==> flow/design.v <==
module selector_rtl #(
   parameter W = 8
) (
   input wire i_clk,
   input wire reset,
   input wire [W-1:0] d0,
   input wire [W-1:0] d1,
   input wire [W-1:0] d2,
   input wire [W-1:0] d3,
   input wire [W-1:0] d4,
   input wire [W-1:0] d5,
   input wire [W-1:0] d6,
   input wire [W-1:0] d7,
   input wire [2:0] pick,
   output wire [W-1:0] o
);
   reg [W-1:0] tmp;
   always @* begin
      if (pick == 0) tmp = d0;
      else if (pick == 1) tmp = d1;
      else if (pick == 2) tmp = d2;
      else if (pick == 3) tmp = d3;
      else if (pick == 4) tmp = d4;
      else if (pick == 5) tmp = d5;
      else if (pick == 6) tmp = d6;
      else tmp = d7;
   end
   reg [W-1:0] o_q;
   always @(posedge i_clk or posedge reset) begin
      if (reset) begin
         o_q <= 0;
      end else begin
         o_q <= tmp;
      end
   end
   assign o = o_q;
endmodule
Tool chain data of selector_rtl
What the tools print for selector_rtl, step after step.
Lines are those of the file above, counted from 1.
Operators carry their Yosys type and port widths (W data, S select, Z words).
Library cell names are shortened.
{ "design": {"design": "selector_rtl", "clk_port": "i_clk", "cell_library": "sky130hd", "pvt_corner": "tt_025C_1v80"} }

Word-level counts
Counts by Yosys on the flattened word-level netlist (proc, flatten, opt, wreduce; memories kept). Register bits leave out memories and registers merged into their read ports (data or address); mux counts leave out enables and synchronous resets folded into registers. Print and check cells are left out. Cells with the same type and inputs are merged into one.
{ "op_classes": {"equal": 6, "muxes": 7, "n_reduce_logical": 1} }
{ "ops": {"columns": ["operator", "count"], "rows": [
  ["$mux W8", 7],
  ["$eq A3 B3 Y1 const B", 3],
  ["$eq A3 B2 Y1 const B", 2],
  ["$eq A3 B1 Y1 const B", 1],
  ["$logic_not A3 Y1", 1]
]} }
{ "word_totals": {"regBits": 8, "in_bits": 69, "output_inout_bits": 8, "wordCells": 15} }

Depth
Longest topological path by Yosys (ltp), each cell counted once; first at word level (registers and memories cut), then after technology mapping (sequential cells cut; the memories' decode and read muxes count).
{ "logic_depth": {"word_depth": 8, "abc_area": 0, "mapped_depth": 5, "depth_no_buf": 3} }

Synthesis result
The flow's flattened synthesis, as Yosys stat reports it; memories are mapped. The netlist is that of the ABC_AREA named above (0 if unset); the other value can give another one.
Totals and module areas in this step are rounded.
{ "mapped": {"cell_count": 71, "area_um2": 704.4, "ff_cells": 8, "n_buf": 6} }
{ "by_type": {"columns": ["type", "count", "type_area_um2"], "rows": [
  ["dfrtp_1", 8, 200.192],
  ["mux2i_1", 14, 140.134],
  ["a22o_1", 7, 61.309],
  ["o221ai_1", 7, 61.309],
  ["a21o_1", 7, 52.55],
  ["mux4_2", 2, 45.043],
  ["a31oi_1", 7, 43.792],
  ["nand2_1", 7, 26.275],
  ["buf_2", 3, 15.014],
  ["a21boi_2", 1, 11.261],
  ["buf_6", 1, 11.261],
  ["mux2_2", 1, 11.261],
  ["clkbuf_1", 2, 7.507],
  ["nor2_1", 2, 7.507],
  ["nor2b_1", 1, 6.256],
  ["inv_1", 1, 3.754]
]} }

Worst setup path after synthesis
Source: OpenSTA report_checks on the synthesized netlist (no wires, ideal clock, input and output delay 20% of the period each), path of least setup slack; recovery checks are left aside. Register names are those of the netlist, which keeps one name where synthesis merged equal registers.
{ "synth_timing": {"path_type": "input port to flip-flop", "start": "input port pick[0]", "end": "register o_q[5]", "clock_period_ns": 1.58, "setup_ns": 0.125, "t_first_pin_ns": 0.316, "arrival_ns": 1.201, "required_time_ns": 1.455, "slack_ns": 0.254, "delay_ns": 1.010, "stages": 3, "path_buffers": 1, "period_less_setup_slack_ns": 1.326} }
"delay_ns" = arrival - input delay + setup time.
"stages": output pins that drive a net of the path, with the launching flip-flop's if there is one; two outputs of one cell count as two.
"period_less_setup_slack_ns" is the clock period less the worst setup slack; recovery checks do not enter. This is arithmetic on one report: input and output delays are still those of the set period (20% each).
Between the ends stands the longest chain of elaborated cells between them, by number of cells; it is not shown to be the way that was timed. Of several equally long chains one is given.
A line is the first line of the expression or statement that the cell stems from. Yosys adds cells for indexed reads and writes and turns some case tables into memories.
{ "synth_via": {"path_cell_list": "buf_2 -> mux4_2 -> mux2_2", "elab_chain_cells": 8, "cells_between": 14, "cone_classes": "eq/ne (6); mux (7); reduce/logical (1)"} }
{ "synth_lines": {"columns": ["element", "line", "rtl"], "rows": [
  ["from (decl)", 14, "input wire [2:0] pick,"],
  ["$eq A3 B3 Y1", 25, "else if (pick == 6) tmp = d6;"],
  ["$mux W8", 25, null],
  ["$mux W8", 24, "else if (pick == 5) tmp = d5;"],
  ["$mux W8", 23, "else if (pick == 4) tmp = d4;"],
  ["$mux W8", 22, "else if (pick == 3) tmp = d3;"],
  ["$mux W8", 21, "else if (pick == 2) tmp = d2;"],
  ["$mux W8", 20, "else if (pick == 1) tmp = d1;"],
  ["$mux W8", 19, "if (pick == 0) tmp = d0;"],
  ["to (assign)", 31, "o_q <= 0;"],
  ["to (assign)", 33, "o_q <= tmp;"],
  ["to (decl)", 28, "reg [W-1:0] o_q;"]
]} }

Path in the finished layout
From the final timing report of run 1: the path of least setup slack in the routed layout; clock arrival at registers is part of the times.
{ "layout_timing": {"path_type": "input port to flip-flop", "start": "input port pick[2]", "end": "register o_q[7]", "clock_period_ns": 1.58, "setup_ns": 0.11, "t_first_pin_ns": 0.32, "arrival_ns": 1.69, "required_time_ns": 1.72, "slack_ns": 0.03, "stages": 5, "path_buffers": 2} }
Between the ends stands the longest chain of elaborated cells between them, by number of cells; it is not shown to be the way that was timed. Of several equally long chains one is given.
{ "layout_via": {"path_cell_list": "clkdlybuf4s50_1 -> a21boi_4 -> buf_4 -> o221ai_1 -> a31oi_1", "elab_chain_cells": 8, "cells_between": 14, "cone_classes": "eq/ne (6); mux (7); reduce/logical (1)"} }
{ "layout_lines": {"columns": ["element", "line", "rtl"], "rows": [
  ["from (decl)", 14, "input wire [2:0] pick,"],
  ["$eq A3 B3 Y1", 25, "else if (pick == 6) tmp = d6;"],
  ["$mux W8", 25, null],
  ["$mux W8", 24, "else if (pick == 5) tmp = d5;"],
  ["$mux W8", 23, "else if (pick == 4) tmp = d4;"],
  ["$mux W8", 22, "else if (pick == 3) tmp = d3;"],
  ["$mux W8", 21, "else if (pick == 2) tmp = d2;"],
  ["$mux W8", 20, "else if (pick == 1) tmp = d1;"],
  ["$mux W8", 19, "if (pick == 0) tmp = d0;"],
  ["to (assign)", 31, "o_q <= 0;"],
  ["to (assign)", 33, "o_q <= tmp;"],
  ["to (decl)", 28, "reg [W-1:0] o_q;"]
]} }

Below are 3 stored runs of the flow (Yosys, OpenROAD; platform sky130hd) on selector_rtl, each with its settings and what was measured, unordered. Constraints: input delay and output delay 20% of the set period each, output load 0.01 pF.
"clock_period_reached_ns" is the run's clock period less its worst setup slack. It is reckoned from that one timing run; input and output delays stay at 20% of the period that was set.
"timing.worst_path_ns" is the time allowed to the run's worst setup path (the clock period less input and output delay, where it has them) less its slack. Clock arrival times count: a late capture clock shortens it, a late launch clock lengthens it.
The results are shown rounded.
[
  {
    "run": "run 1",
    "settings": { "period_ns": 1.58, "CAP_MARGIN": 20, "CORE_MARGIN": 2, "CORE_UTILIZATION": 40, "SLEW_MARGIN": 20 },
    "results": { "synth_area_um2": 704.4, "timing.worst_path_ns": 1.24, "worst_setup_path_type": "input port to flip-flop", "clock_period_reached_ns": 1.554, "dieArea_um2": 2113, "ws_setup_ns": 0.026, "tns_setup_ns": 0.000, "stdcell_area_um2": 1563 }
  },
  {
    "run": "run 2",
    "settings": { "period_ns": 1.48, "CORE_UTILIZATION": 37, "PLACE_DENSITY_LB_ADDON": 0.0, "CORE_ASPECT_RATIO": 1.09, "CELL_PAD_IN_SITES_GLOBAL_PLACEMENT": 2, "TNS_END_PERCENT": 95, "CTS_CLUSTER_SIZE": 22, "CTS_CLUSTER_DIAMETER": 355, "SLEW_MARGIN": 20, "CAP_MARGIN": 20, "CORE_MARGIN": 2 },
    "outcome": "stopped before the end: placement reported FLW-0024"
  },
  {
    "run": "run 3",
    "settings": { "period_ns": 1.82, "CORE_UTILIZATION": 27, "SETUP_SLACK_MARGIN": 0.53, "PLACE_DENSITY_LB_ADDON": 0.29, "CORE_ASPECT_RATIO": 0.51, "CORE_MARGIN": 10, "CELL_PAD_IN_SITES_GLOBAL_PLACEMENT": 0, "ABC_AREA": 0, "GPL_TIMING_DRIVEN": 1, "GPL_ROUTABILITY_DRIVEN": 0, "CTS_CLUSTER_SIZE": 72, "SLEW_MARGIN": 0, "CAP_MARGIN": 20 },
    "results": { "timing.worst_path_ns": 0.88, "worst_setup_path_type": "flip-flop to output port", "dieArea_um2": 5169, "tns_setup_ns": 0.000, "synth_area_um2": 704.4, "clock_period_reached_ns": 1.239, "stdcell_area_um2": 1584, "ws_setup_ns": 0.581 }
  }
]
